==> flow/design.v <==
module u_muxn_blk #(
    parameter NBITS = 24,
    parameter NIN = 6,
    parameter SEL_W = $clog2(NIN)
) (
    input  CLK,
    input  rst_n,
    input  [NIN*NBITS-1:0] in,
    input  [SEL_W-1:0] idx,
    output reg [NBITS-1:0] y
);
    always @(posedge CLK or negedge rst_n) begin
        if (!rst_n) begin
            y <= 0;
        end else begin
            y <= in[idx*NBITS +: NBITS];
        end
    end
endmodule
Reports on u_muxn_blk

The steps from the RTL of u_muxn_blk to its reports follow in flow order.
Line numbers count from 1 in the design file above.
Operators: Yosys type, input widths -> output width; for muxes data width and select width s.
Library cell names are shortened.
Not given: --

Top: u_muxn_blk
Clock input: CLK
Library: sky130hd
Corner: tt_025C_1v80

Word level

Counts by Yosys on the flattened word-level netlist (proc, flatten, opt, wreduce; memories kept). Register bits leave out memories and registers merged into their read ports (data or address); mux counts leave out enables and synchronous resets folded into registers. Print and check cells are left out. Cells with the same type and inputs are merged into one.

Multipliers: 1
Shift operators: 1

Operators with widths:

| operator            | count |
| $shiftx 144x9->24   | 1 |
| $mul 3x2->5 const B | 1 |

Register bits after elaboration: 24
Input port bits: 149
Output and inout port bits: 24
Cells after elaboration: 3

Logic depth

Longest topological path by Yosys (ltp), each cell counted once; first at word level (registers and memories cut), then after technology mapping (sequential cells cut; the memories' decode and read muxes count).

Depth in word-level cells: 2
ABC_AREA: 0
Mapped depth: 5
Mapped depth without buffers: 3

Mapped cells and area

Source: synth_stat.txt of the flow (Yosys; design flattened, memories mapped). It holds for the ABC_AREA given above (unset counts as 0); a run with the other value may have another netlist.
Totals and module areas in this step are rounded.

Cell types:

| type     | count | total area (sq um) |
| dfrtp_1  | 24    | 600.576 |
| mux2i_1  | 48    | 480.461 |
| mux2_4   | 22    | 330.317 |
| o221ai_2 | 22    | 330.317 |
| nand2_1  | 24    | 90.086 |
| buf_4    | 6     | 45.043 |
| buf_6    | 4     | 45.043 |
| buf_2    | 5     | 25.024 |
| mux2_2   | 2     | 22.522 |
| o221ai_1 | 2     | 17.517 |
| nand2b_1 | 2     | 12.512 |
| clkbuf_1 | 1     | 3.754 |
| nor2_1   | 1     | 3.754 |

Cell count: 163
Chip area (Yosys): 2,010 sq um
Area of sequential cells: 601 sq um
Flip-flops: 24
Buffer cells: 16

Path before layout

Path of least setup slack by OpenSTA after synthesis, without wires, with an ideal clock, recovery checks aside; 20% of the period is set as input and as output delay. Where synthesis merged equal registers, the netlist keeps one of their names.

Kind: input-to-reg
From: input port idx[0]
To: register y[2]
Period: 1.32 ns
External input delay: 0.264 ns
Setup time: 0.134 ns
Launch time at the first pin: 0.264 ns
Arrival: 0.976 ns
Data required time: 1.186 ns
Setup slack: 0.210 ns
Delay of the path: 0.846 ns
Stages: 5
Buffers on the path: 2
Synthesis period reached: 1.11 ns

"delay of the path" is the arrival time less input delay plus setup time.
"stages" counts driving pins, that of a launching flip-flop among them; a cell with two outputs on the path counts twice.
"synthesis period reached" = period - worst setup slack (recovery checks aside). The figure is calculated, with input and output delays left at 20% of the set period.
Between the ends stands the longest chain of elaborated cells between them, by number of cells; it is not shown to be the way that was timed. Of several equally long chains one is given.
Each line given opens the expression or statement behind the cell; cells for indexed reads and writes are added by Yosys, which also makes memories of some case tables.

Cell sequence: buf_6 > buf_6 > mux2_4 > nand2_1 > o221ai_2
Length of the longest elaborated chain: 2
Elaborated cells on any way between the ends: 2
Source lines of those cells: 1
Classes of those cells: 1 x mul; 1 x shift

RTL lines, path after synthesis:

| item              | line | source |
| from (decl)       | 9    | `input  [SEL_W-1:0] idx,` |
| $mul 3x2->5       | 16   | `y <= in[idx*NBITS +: NBITS];` |
| $shiftx 144x9->24 | 16   |  |
| to (assign)       | 14   | `y <= 0;` |
| to (assign)       | 16   |  |
| to (decl)         | 10   | `output reg [NBITS-1:0] y` |

Path in the finished layout

Path of least setup slack in the final report of run A (OpenROAD, finished layout, wires in). Where an end is a register, its clock arrival counts in the times.

Kind: reg-to-output
From: register y[16]
To: output port y[16]
Period: 1.53 ns
Output delay: 0.31 ns
Launch time at the first pin: 0.27 ns
Arrival: 1.13 ns
Data required time: 1.22 ns
Setup slack: 0.09 ns
Stages: 2
Buffers on the path: 1

Cell sequence: dfrtp_1 > clkdlybuf4s50_1
Length of the longest elaborated chain: 0
Elaborated cells on any way between the ends: 0
Source lines of those cells: 0

RTL lines, path post-layout:

| item          | line | source |
| from (decl)   | 10   | `output reg [NBITS-1:0] y` |
| from (assign) | 14   | `y <= 0;` |
| from (assign) | 16   | `y <= in[idx*NBITS +: NBITS];` |
| to (decl)     | 10   |  |

Hand-over note for u_muxn_blk

Record of 3 stored runs of the RTL-to-layout flow on u_muxn_blk, platform sky130hd. The runs are unordered. Constraints: input delay and output delay 20% of the set period each, output load 0.01 pF.
"achieved clock period" = clock period - worst setup slack. The figure is calculated, with input and output delays left at 20% of the set period.
"allowed time less slack (worst setup path)" means the part of the period allowed to the worst setup path (the constraints hold back 20% at inputs and 20% at outputs) less its slack; where the path has registers, the arrival times of their clocks count too.
By "power consumption" is meant OpenSTA's value without simulated activity: inputs other than the clock are taken to toggle once in ten clock periods, and the tool carries that through the logic.
Values from the reports are rounded here.
Among the settings, . means not set for that run.

| name                                            | run A         | run B         | run C         |
| period_ns                                       | 1.53          | 1.32          | 1.39          |
| CORE_UTILIZATION                                | 34            | 40            | 37            |
| SETUP_SLACK_MARGIN                              | 0.13          | .             | -0.07         |
| PLACE_DENSITY                                   | 0.88          | .             | .             |
| CELL_PAD_IN_SITES_GLOBAL_PLACEMENT              | 0             | .             | .             |
| CELL_PAD_IN_SITES_DETAIL_PLACEMENT              | 1             | .             | .             |
| TNS_END_PERCENT                                 | 85            | .             | .             |
| ABC_AREA                                        | 0             | .             | .             |
| MAX_ROUTING_LAYER                               | met5          | .             | .             |
| CAP_MARGIN                                      | 20            | 20            | 20            |
| CORE_MARGIN                                     | 2             | 2             | 2             |
| SLEW_MARGIN                                     | 20            | 20            | 15            |
| PLACE_DENSITY_LB_ADDON                          | .             | .             | 0.01          |
| CORE_ASPECT_RATIO                               | .             | .             | 0.62          |
| GPL_TIMING_DRIVEN                               | .             | .             | 1             |
| MIN_ROUTING_LAYER                               | .             | .             | met2          |
| summed negative setup slack (ns)                | 0.000         | 0.000         | -0.277        |
| worst setup slack after layout (ns)             | 0.092         | 0.128         | -0.051        |
| power consumption (mW)                          | 2.26          | 2.43          | 2.34          |
| utilization in the final report (%)             | 69.4          | 82.1          | 73.7          |
| achieved clock period (ns)                      | 1.438         | 1.192         | 1.441         |
| die area (sq um)                                | 6,530         | 5,600         | 6,050         |
| allowed time less slack (worst setup path) (ns) | 1.13          | 0.93          | 1.16          |
| type of the worst setup path                    | reg-to-output | reg-to-output | reg-to-output |
| standard-cell area after routing (sq um)        | 3,890         | 3,930         | 3,910         |
| area of the synthesized netlist (sq um)         | 2,010         | 2,010         | 2,010         |

End of note.
